==> flow/design.v <==
module cmp_v2 #(
    parameter integer DW = 7,
    parameter integer COUNT = 3
) (
    input wire clk_i,
    input wire en,
    input wire [COUNT*DW-1:0] src,
    output reg [DW-1:0] max_o
);
    wire [DW-1:0] n_ [1:2*COUNT-1];
    genvar ii;
    generate
        for (ii = 0; ii < COUNT; ii = ii + 1) begin : blk
            assign n_[COUNT+ii] = src[ii*DW +: DW];
        end
        for (ii = 1; ii < COUNT; ii = ii + 1) begin : slice
            assign n_[ii] = (n_[2*ii] > n_[2*ii+1]) ? n_[2*ii] : n_[2*ii+1];
        end
    endgenerate
    always @(posedge clk_i) begin
        if (en) begin
            max_o <= n_[1];
        end
    end
endmodule
## From RTL to reports: cmp_v2

A sweep over "DW": the same steps for each member of the family.
The RTL above is that of DW = 7; lines are counted from 1 in the file of the member named.
Operators carry their Yosys type and port widths (W data, S select, Z words).
Cell names lack the library's common part.
A cell with -- has no value.

| set-up | value |
|---|---|
| top module | cmp_v2 |
| clock input | clk_i |
| library | sky130hd |
| corner | tt_025C_1v80 |

## Members of the sweep

New or changed lines of each further member against the RTL above, in its own file; lines it lacks are not shown.

Lines new or changed:

| DW | line | RTL |
|---|---|---|
| 12 | 2 | `parameter integer DW = 12,` |
| 32 | 2 | `parameter integer DW = 32,` |

## Word-level counts

Counts by Yosys on the flattened word-level netlist (proc, flatten, opt, wreduce; memories kept). Register bits leave out memories and registers merged into their read ports (data or address); mux counts leave out enables and synchronous resets folded into registers. Print and check cells are left out. Cells with the same type and inputs are merged into one.

Bit counts:

| DW | register bits | bits of input ports | output and inout port bits | cells after elaboration |
|---|---|---|---|---|
| 7 | 7 | 23 | 7 | 5 |
| 12 | 12 | 38 | 12 | 5 |
| 32 | 32 | 98 | 32 | 5 |

Operators by class:

| DW | $lt $le $gt $ge | mux-type cells |
|---|---|---|
| 7 | 2 | 2 |
| 12 | 2 | 2 |
| 32 | 2 | 2 |

Operators by type and width:

| DW | kind and count |
|---|---|
| 7 | $gt A7 B7 Y1: 2; $mux W7: 2 |
| 12 | $gt A12 B12 Y1: 2; $mux W12: 2 |
| 32 | $gt A32 B32 Y1: 2; $mux W32: 2 |

## Logic depth

Yosys ltp: most cells in a row. Word level: on the elaborated netlist, between registers, memories and ports. Mapped: between sequential cells and ports; inverters and the memories' decode and read muxes count.

Depth:

| DW | depth after elaboration | ABC_AREA | gate-level depth with buffers | depth with buffers taken out |
|---|---|---|---|---|
| 7 | 4 | 0 | 12 | 12 |
| 12 | 4 | 0 | 16 | 14 |
| 32 | 4 | 0 | 18 | 16 |

## After synthesis

Source: synth_stat.txt of the flow (Yosys; design flattened, memories mapped). It holds for the ABC_AREA given above (unset counts as 0); a run with the other value may have another netlist.
The area totals of this step are shown rounded.

Mapped netlist:

| DW | standard cells after synthesis | chip area (Yosys) (µm²) | sequential area (µm²) | flip-flops | buffers |
|---|---|---|---|---|---|
| 7 | 71 | 722 | 210 | 7 | 0 |
| 12 | 117 | 1320 | 360 | 12 | 2 |
| 32 | 335 | 3500 | 961 | 32 | 6 |

Cells by type:

| DW | type and count |
|---|---|
| 7 | edfxtp_1: 7; ha_1: 14; mux2_2: 11; inv_1: 13; a21oi_1: 5; nand3b_1: 2; o21ai_0: 3; nand4_1: 2; o22ai_2: 1; o31ai_2: 1; mux2i_1: 1; nand3_1: 2; a21oi_2: 1; a211oi_1: 1; nand2_1: 2; o31ai_1: 1; or2_2: 1; nor3_1: 1; (+2) |
| 12 | edfxtp_1: 12; ha_1: 24; mux2_4: 15; inv_1: 23; mux2_2: 6; a21oi_1: 8; a21o_1: 4; nand4_1: 3; o32ai_2: 1; o221ai_2: 1; a211oi_2: 1; nand4_2: 1; buf_6: 1; mux2_1: 1; a221o_1: 1; and4b_1: 1; mux2i_1: 1; a2bb2oi_1: 1; (+12) |
| 32 | edfxtp_1: 32; ha_1: 64; mux2_4: 29; mux2_2: 33; inv_1: 69; a21oi_1: 27; nand4_1: 12; nand2_1: 12; o21ai_0: 9; buf_6: 3; a21o_1: 4; a221oi_1: 3; o211ai_1: 3; mux2i_1: 2; nand3_1: 4; nor2_1: 5; nand3b_1: 2; a31oi_2: 1; (+21) |

A list marked (+n) leaves out that many cells.

## Worst setup path after synthesis

OpenSTA on the mapped netlist: ideal clock, no wires. The path of least setup slack (recovery checks aside). Input and output delay are each 20% of the period. Register names are those of the netlist, which keeps one name where synthesis merged equal registers.

Path post-synthesis:

| DW | path type | start point | end point | clock period (ns) | setup slack (ns) | stages on the path | delay of the path (ns) | period reached after synthesis (ns) |
|---|---|---|---|---|---|---|---|---|
| 7 | input port to flip-flop | input src[16] | register max_o[1] | 4.46 | 0.713 | 11 | 2.855 | 3.747 |
| 12 | input port to flip-flop | input src[31] | register max_o[3] | 5.0 | 0.797 | 15 | 3.203 | 4.203 |
| 32 | input port to flip-flop | input src[75] | register max_o[22] | 6.6 | 1.059 | 18 | 4.221 | 5.541 |

"delay of the path" is the arrival time less input delay plus setup time.
"stages on the path": output pins that drive a net of the path, with the launching flip-flop's if there is one; two outputs of one cell count as two.
"period reached after synthesis" is the clock period less the worst setup slack; recovery checks do not enter. This is arithmetic on one report: input and output delays are still those of the set period (20% each).
The rows between start and end are the longest chain of elaborated cells between them; the timing report does not say that the signal goes this way. Where chains are equally long, one stands for them.
A line is the first line of the expression or statement that the cell stems from. Yosys adds cells for indexed reads and writes and turns some case tables into memories.

| between the ends, post-synthesis, DW = 7 | value |
|---|---|
| length of the longest elaborated chain | 4 |

RTL lines, path post-synthesis, DW = 7:

| item | line | RTL |
|---|---|---|
| from (decl) | 7 | `input wire [COUNT*DW-1:0] src,` |
| $gt A7 B7 Y1 | 17 | `assign n_[ii] = (n_[2*ii] > n_[2*ii+1]) ? n_[2*ii] : n_[2*ii+1];` |
| $mux W7 | 17 |  |
| $gt A7 B7 Y1 | 17 |  |
| $mux W7 | 17 |  |
| to (assign) | 22 | `max_o <= n_[1];` |
| to (decl) | 8 | `output reg [DW-1:0] max_o` |

| between the ends, post-synthesis, DW = 32 | value |
|---|---|
| length of the longest elaborated chain | 4 |

RTL lines, path post-synthesis, DW = 32:

| item | line | RTL |
|---|---|---|
| from (decl) | 7 | `input wire [COUNT*DW-1:0] src,` |
| $gt A32 B32 Y1 | 17 | `assign n_[ii] = (n_[2*ii] > n_[2*ii+1]) ? n_[2*ii] : n_[2*ii+1];` |
| $mux W32 | 17 |  |
| $gt A32 B32 Y1 | 17 |  |
| $mux W32 | 17 |  |
| to (assign) | 22 | `max_o <= n_[1];` |
| to (decl) | 8 | `output reg [DW-1:0] max_o` |

## Worst path after layout

Path of least setup slack in the final report of each member's run (OpenROAD, finished layout, wires in). Where an end is a register, its clock arrival counts in the times.

Path after layout:

| DW | path type | start point | end point | clock period (ns) | setup slack (ns) | stages on the path | arrival (ns) | buffers on the path |
|---|---|---|---|---|---|---|---|---|
| 7 | input port to flip-flop | input src[16] | register max_o[2] | 4.46 | 0.39 | 13 | 4.07 | 2 |
| 12 | input port to flip-flop | input src[25] | register max_o[4] | 5.0 | 0.52 | 16 | 4.49 | 3 |
| 32 | input port to flip-flop | input src[75] | register max_o[10] | 6.6 | 0.46 | 19 | 6.17 | 3 |

## Layout results

Settings and results of one run of the flow (Yosys, OpenROAD) for each member follow. The constraints put input and output delay at 20% of the set period each and load the outputs with 0.01 pF.

| settings | value |
|---|---|
| CAP_MARGIN | 20 |
| CORE_MARGIN | 2 |
| CORE_UTILIZATION | 40 |
| SLEW_MARGIN | 20 |

Settings that differ:

| DW | period_ns |
|---|---|
| 7 | 4.46 |
| 12 | 5.0 |
| 32 | 6.6 |

Measured results:

| DW | synthesis area (µm²) | die size (µm²) | standard-cell area after layout (µm²) | final design utilization (%) | setup slack of the worst path (ns) | total negative slack on setup checks (ns) | worst hold slack after layout (ns) | total power after layout (uW) | achieved period (ns) |
|---|---|---|---|---|---|---|---|---|---|
| 7 | 722 | 2160 | 1080 | 63.5 | 0.389 | 0.000 | 1.35 | 270 | 4.071 |
| 12 | 1320 | 3770 | 1890 | 61.0 | 0.518 | 0.000 | 1.45 | 386 | 4.482 |
| 32 | 3500 | 9500 | 5060 | 58.9 | 0.465 | 0.000 | 1.74 | 849 | 6.135 |

By "achieved period" is meant the clock period of the run minus its worst setup slack. This is arithmetic on one report: input and output delays are still those of the set period (20% each).
"total power after layout": no workload was simulated; the value follows from the tool's default switching activity.
Values from the reports are rounded here.
